==> flow/design.v <==
module mux_mod #(
  parameter integer DATA_WIDTH = 16,
  parameter integer N_IN = 64,
  parameter integer SW = $clog2(N_IN)
) (
  input wire sys_clk,
  input wire enable,
  input wire [N_IN*DATA_WIDTH-1:0] src,
  input wire [SW-1:0] s,
  output wire [DATA_WIDTH-1:0] o
);
  reg [N_IN*DATA_WIDTH-1:0] r_src;
  reg [SW-1:0] r_s;
  always @(posedge sys_clk) begin
    if (enable) begin
      r_src <= src;
      r_s <= s;
    end
  end
  wire [DATA_WIDTH-1:0] lvl [1:2*N_IN-1];
  genvar k;
  generate
    for (k = 0; k < N_IN; k = k + 1) begin : stage
      assign lvl[N_IN+k] = r_src[k*DATA_WIDTH +: DATA_WIDTH];
    end
    for (k = 1; k < N_IN; k = k + 1) begin : g_bit
      sel2 #(.N(DATA_WIDTH)) el (.a(lvl[2*k]), .b(lvl[2*k+1]), .s(r_s[SW - $clog2(k+1)]), .y(lvl[k]));
    end
  endgenerate
  assign o = lvl[1];
endmodule
module sel2 #(parameter N = 1) (
  input wire [N-1:0] a,
  input wire [N-1:0] b,
  input wire s,
  output wire [N-1:0] y
);
  assign y = s ? b : a;
endmodule
### Reports on mux_mod

What the tools print for mux_mod, step after step.
Lines are those of the file above, counted from 1.
Library cell names are shortened.
A cell with -- has no value.

* design top: mux_mod
* clock input: sys_clk
* standard-cell library: sky130hd
* timing corner: tt_025C_1v80

### After elaboration

Counts by Yosys on the flattened word-level netlist (proc, flatten, opt, wreduce). Print and check cells are left out. Cells with the same type and inputs are merged into one.

* multiplexer cells: 63

Operator list (number)
* 2-to-1 mux 16 bit: 63

* register bits after elaboration: 1030
* input bits: 1032
* output and inout port bits: 16
* elaborated cells: 65

### Longest topological paths

Yosys ltp: most cells in a row. Word level: on the elaborated netlist, between registers, memories and ports. Mapped: between sequential cells and ports; inverters and the memories' decode and read muxes count.

* depth after elaboration: 6
* ABC_AREA: 0
* mapped depth: 10
* gate-level depth less buffers: 5

### Mapped cells and area

Yosys stat after the flow's synthesis: flattened, memories mapped to cells. It holds for the ABC_AREA given above (unset counts as 0); a run with the other value may have another netlist.
The area totals of this step are shown rounded.

* cells in the netlist: 1722
* chip area (Yosys): 39470 um^2
* area of sequential cells: 30930 um^2
* mapped flip-flops: 1030
* buffers: 96

Cells by type
* edfxtp_1: number 1030, total area 3.09E+04 um^2
* mux4_2: number 210, total area 4.73E+03 um^2
* mux2i_1: number 87, total area 870.835 um^2
* mux4_1: number 14, total area 367.853 um^2
* a22oi_1: number 39, total area 292.781 um^2
* mux2_2: number 25, total area 281.52 um^2
* nand2_1: number 54, total area 202.694 um^2
* buf_2: number 36, total area 180.173 um^2
* nor2b_1: number 26, total area 162.656 um^2
* buf_6: number 13, total area 146.39 um^2
* a221oi_1: number 14, total area 122.618 um^2
* buf_4: number 13, total area 97.594 um^2
* nand3_1: number 19, total area 95.091 um^2
* buf_12: number 4, total area 80.077 um^2
* a211oi_1: number 10, total area 75.072 um^2
* a21oi_1: number 15, total area 75.072 um^2
* a211o_1: number 8, total area 70.067 um^2
* a311oi_1: number 8, total area 70.067 um^2

Not listed: further types 16, cells in them 97.
The figures by module come from a second, unflattened synthesis with its own total; it is not the netlist above.

* cell total of the unflattened synthesis: 2164
* area (unflattened synthesis): 46620 um^2

Each row is one instance without its submodules.

By module
* mux_mod: times used 1, cells 1030, area 30930 um^2, sequential area 30930 um^2
* sel2 #(N=16): times used 63, cells 18, area 249.0 um^2, sequential area 0.0 um^2

### Path before layout

OpenSTA on the mapped netlist: ideal clock, no wires. The path of least setup slack (recovery checks aside). Input and output delay are each 20% of the period. Register names are those of the netlist, which keeps one name where synthesis merged equal registers.

* kind: reg-to-output
* start: reg r_s[0]
* end: out o[13]
* clock period: 2.96 ns
* output delay: 0.592 ns
* launch time at the first pin: 0.000 ns
* arrival: 1.892 ns
* data required time: 2.368 ns
* path slack: 0.476 ns
* path delay: 1.892 ns
* stages on the path: 10
* path buffers: 4
* synthesis period reached: 2.484 ns

"path delay" is the arrival time less input delay plus setup time.
A path that ends at an output port has no setup time.
"stages on the path": output pins that drive a net of the path, with the launching flip-flop's if there is one; two outputs of one cell count as two.
"synthesis period reached" is the clock period less the worst setup slack; recovery checks do not enter. This is arithmetic on one report: input and output delays are still those of the set period (20% each).
The rows between start and end are the longest chain of elaborated cells between them; the timing report does not say that the signal goes this way. Where chains are equally long, one stands for them.
A line is the first line of the expression or statement that the cell stems from. Yosys adds cells for indexed reads and writes and turns some case tables into memories.

* cells stage by stage: edfxtp_1 > buf_6 > buf_12 > buf_12 > buf_12 > nand2_1 > a211oi_1 > a221oi_1 > a221oi_1 > a311oi_1
* cells in the longest elaborated chain: 6
* elaborated cells on any way between the ends: 63
* source lines of those cells: 1
* classes of those cells: 63 x mux

RTL lines, path after synthesis
* start: declaration: line 13 `reg [SW-1:0] r_s;`
* start: assignment: line 17 `r_s <= s;`
* 2-to-1 mux 16 bit (6 in a row): line 38 `assign y = s ? b : a;`
* end: declaration: line 10 `output wire [DATA_WIDTH-1:0] o`

### Worst path after layout

From the final timing report of flow run C: the path of least setup slack in the routed layout; clock arrival at registers is part of the times.

* kind: reg-to-output
* start: reg r_s[0]
* end: out o[10]
* clock period: 2.96 ns
* output delay: 0.59 ns
* launch time at the first pin: 0.68 ns
* arrival: 3.11 ns
* data required time: 2.37 ns
* path slack: -0.74 ns
* stages on the path: 10
* path buffers: 5

The rows between start and end are the longest chain of elaborated cells between them; the timing report does not say that the signal goes this way. Where chains are equally long, one stands for them.

* cells stage by stage: edfxtp_1 > buf_12 > buf_16 > buf_8 > buf_4 > mux4_2 > mux2_2 > a221oi_4 > a311oi_4 > buf_6
* cells in the longest elaborated chain: 6
* elaborated cells on any way between the ends: 63
* source lines of those cells: 1
* classes of those cells: 63 x mux

RTL lines, path after layout
* start: declaration: line 13 `reg [SW-1:0] r_s;`
* start: assignment: line 17 `r_s <= s;`
* 2-to-1 mux 16 bit (6 in a row): line 38 `assign y = s ? b : a;`
* end: declaration: line 10 `output wire [DATA_WIDTH-1:0] o`

Appendix: measured runs

Module mux_mod, platform sky130hd: 3 stored runs of the flow (Yosys, OpenROAD) with differing settings, in no particular order. Input and output delays are each 20% of the period that was set; the output load is 0.01 pF.
"achieved clock period" means the clock period less the worst setup slack. The figure is calculated, with input and output delays left at 20% of the set period.
"worst setup path time" means the part of the period allowed to the worst setup path (the constraints hold back 20% at inputs and 20% at outputs) less its slack; where the path has registers, the arrival times of their clocks count too.
"total power after layout" rests on the timing tool's default activity at the inputs, not on a simulated workload.
Measured values are rounded.

### Flow run A

==> flow/run.sh <==
#!/bin/bash
# the make line also repeats the synthesis and layout settings of config.mk as NAME=value (left out here)
make -C /OpenROAD-flow-scripts/flow DESIGN_CONFIG=/design/flow/config.mk WORK_HOME=/design/flow/orfs CLKGATE_MAP_FILE= finish
==> flow/config.mk <==
export PLATFORM = sky130hd
export DESIGN_NAME = mux_mod
export DESIGN_NICKNAME = mux_mod
export VERILOG_FILES = /design/flow/design.v
export SDC_FILE = /design/flow/constraint.sdc
export NUM_CORES = 4
export LEC_CHECK = 0
export CAP_MARGIN = 20
export CORE_MARGIN = 6
export CORE_UTILIZATION = 60
export GPL_ROUTABILITY_DRIVEN = 0
export GPL_TIMING_DRIVEN = 0
export PLACE_DENSITY_LB_ADDON = 0.29
export SETUP_SLACK_MARGIN = -0.28
export SLEW_MARGIN = 20
==> flow/constraint.sdc <==
create_clock -name core_clock -period 3.16 [get_ports {sys_clk}]
set_input_delay 0.6320 -clock core_clock [delete_from_list [all_inputs] [get_ports {sys_clk}]]
set_output_delay 0.6320 -clock core_clock [all_outputs]
set_load 0.01 [all_outputs]

Outcome of flow run A: not finished: placement ended with error PPL-0024

### Flow run B

==> flow/run.sh <==
#!/bin/bash
# the make line also repeats the synthesis and layout settings of config.mk as NAME=value (left out here)
make -C /OpenROAD-flow-scripts/flow DESIGN_CONFIG=/design/flow/config.mk WORK_HOME=/design/flow/orfs CLKGATE_MAP_FILE= finish
==> flow/config.mk <==
export PLATFORM = sky130hd
export DESIGN_NAME = mux_mod
export DESIGN_NICKNAME = mux_mod
export VERILOG_FILES = /design/flow/design.v
export SDC_FILE = /design/flow/constraint.sdc
export NUM_CORES = 4
export LEC_CHECK = 0
export CAP_MARGIN = 35
export CELL_PAD_IN_SITES_DETAIL_PLACEMENT = 2
export CELL_PAD_IN_SITES_GLOBAL_PLACEMENT = 3
export CORE_ASPECT_RATIO = 0.6
export CORE_MARGIN = 2
export CORE_UTILIZATION = 66
export CTS_CLUSTER_DIAMETER = 134
export CTS_CLUSTER_SIZE = 91
export GPL_ROUTABILITY_DRIVEN = 1
export MIN_ROUTING_LAYER = met2
export PLACE_DENSITY_LB_ADDON = 0.12
export SLEW_MARGIN = 20
export TNS_END_PERCENT = 95
==> flow/constraint.sdc <==
create_clock -name core_clock -period 4.39 [get_ports {sys_clk}]
set_input_delay 0.8780 -clock core_clock [delete_from_list [all_inputs] [get_ports {sys_clk}]]
set_output_delay 0.8780 -clock core_clock [all_outputs]
set_load 0.01 [all_outputs]

Outcome of flow run B: not finished: placement ended with error PPL-0024

### Flow run C

==> flow/run.sh <==
#!/bin/bash
# the make line also repeats the synthesis and layout settings of config.mk as NAME=value (left out here)
make -C /OpenROAD-flow-scripts/flow DESIGN_CONFIG=/design/flow/config.mk WORK_HOME=/design/flow/orfs CLKGATE_MAP_FILE= finish
==> flow/config.mk <==
export PLATFORM = sky130hd
export DESIGN_NAME = mux_mod
export DESIGN_NICKNAME = mux_mod
export VERILOG_FILES = /design/flow/design.v
export SDC_FILE = /design/flow/constraint.sdc
export NUM_CORES = 4
export LEC_CHECK = 0
export CAP_MARGIN = 20
export CORE_MARGIN = 2
export CORE_UTILIZATION = 40
export SLEW_MARGIN = 20
==> flow/constraint.sdc <==
create_clock -name core_clock -period 2.96 [get_ports {sys_clk}]
set_input_delay 0.5920 -clock core_clock [delete_from_list [all_inputs] [get_ports {sys_clk}]]
set_output_delay 0.5920 -clock core_clock [all_outputs]
set_load 0.01 [all_outputs]

Results of flow run C:
- Worst setup path time: 3.11 ns
- Worst setup path kind: reg-to-output
- Standard-cell area after routing: 58200 um^2
- Total negative setup slack: -10.89 ns
- Total power after layout: 36.56 mW
- Smallest setup slack: -0.738 ns
- Post-layout utilization: 59.3 %
- Achieved clock period: 3.698 ns
- Die size: 101200 um^2
- Final worst hold slack: 0.362 ns
- Area of the synthesized netlist: 39470 um^2
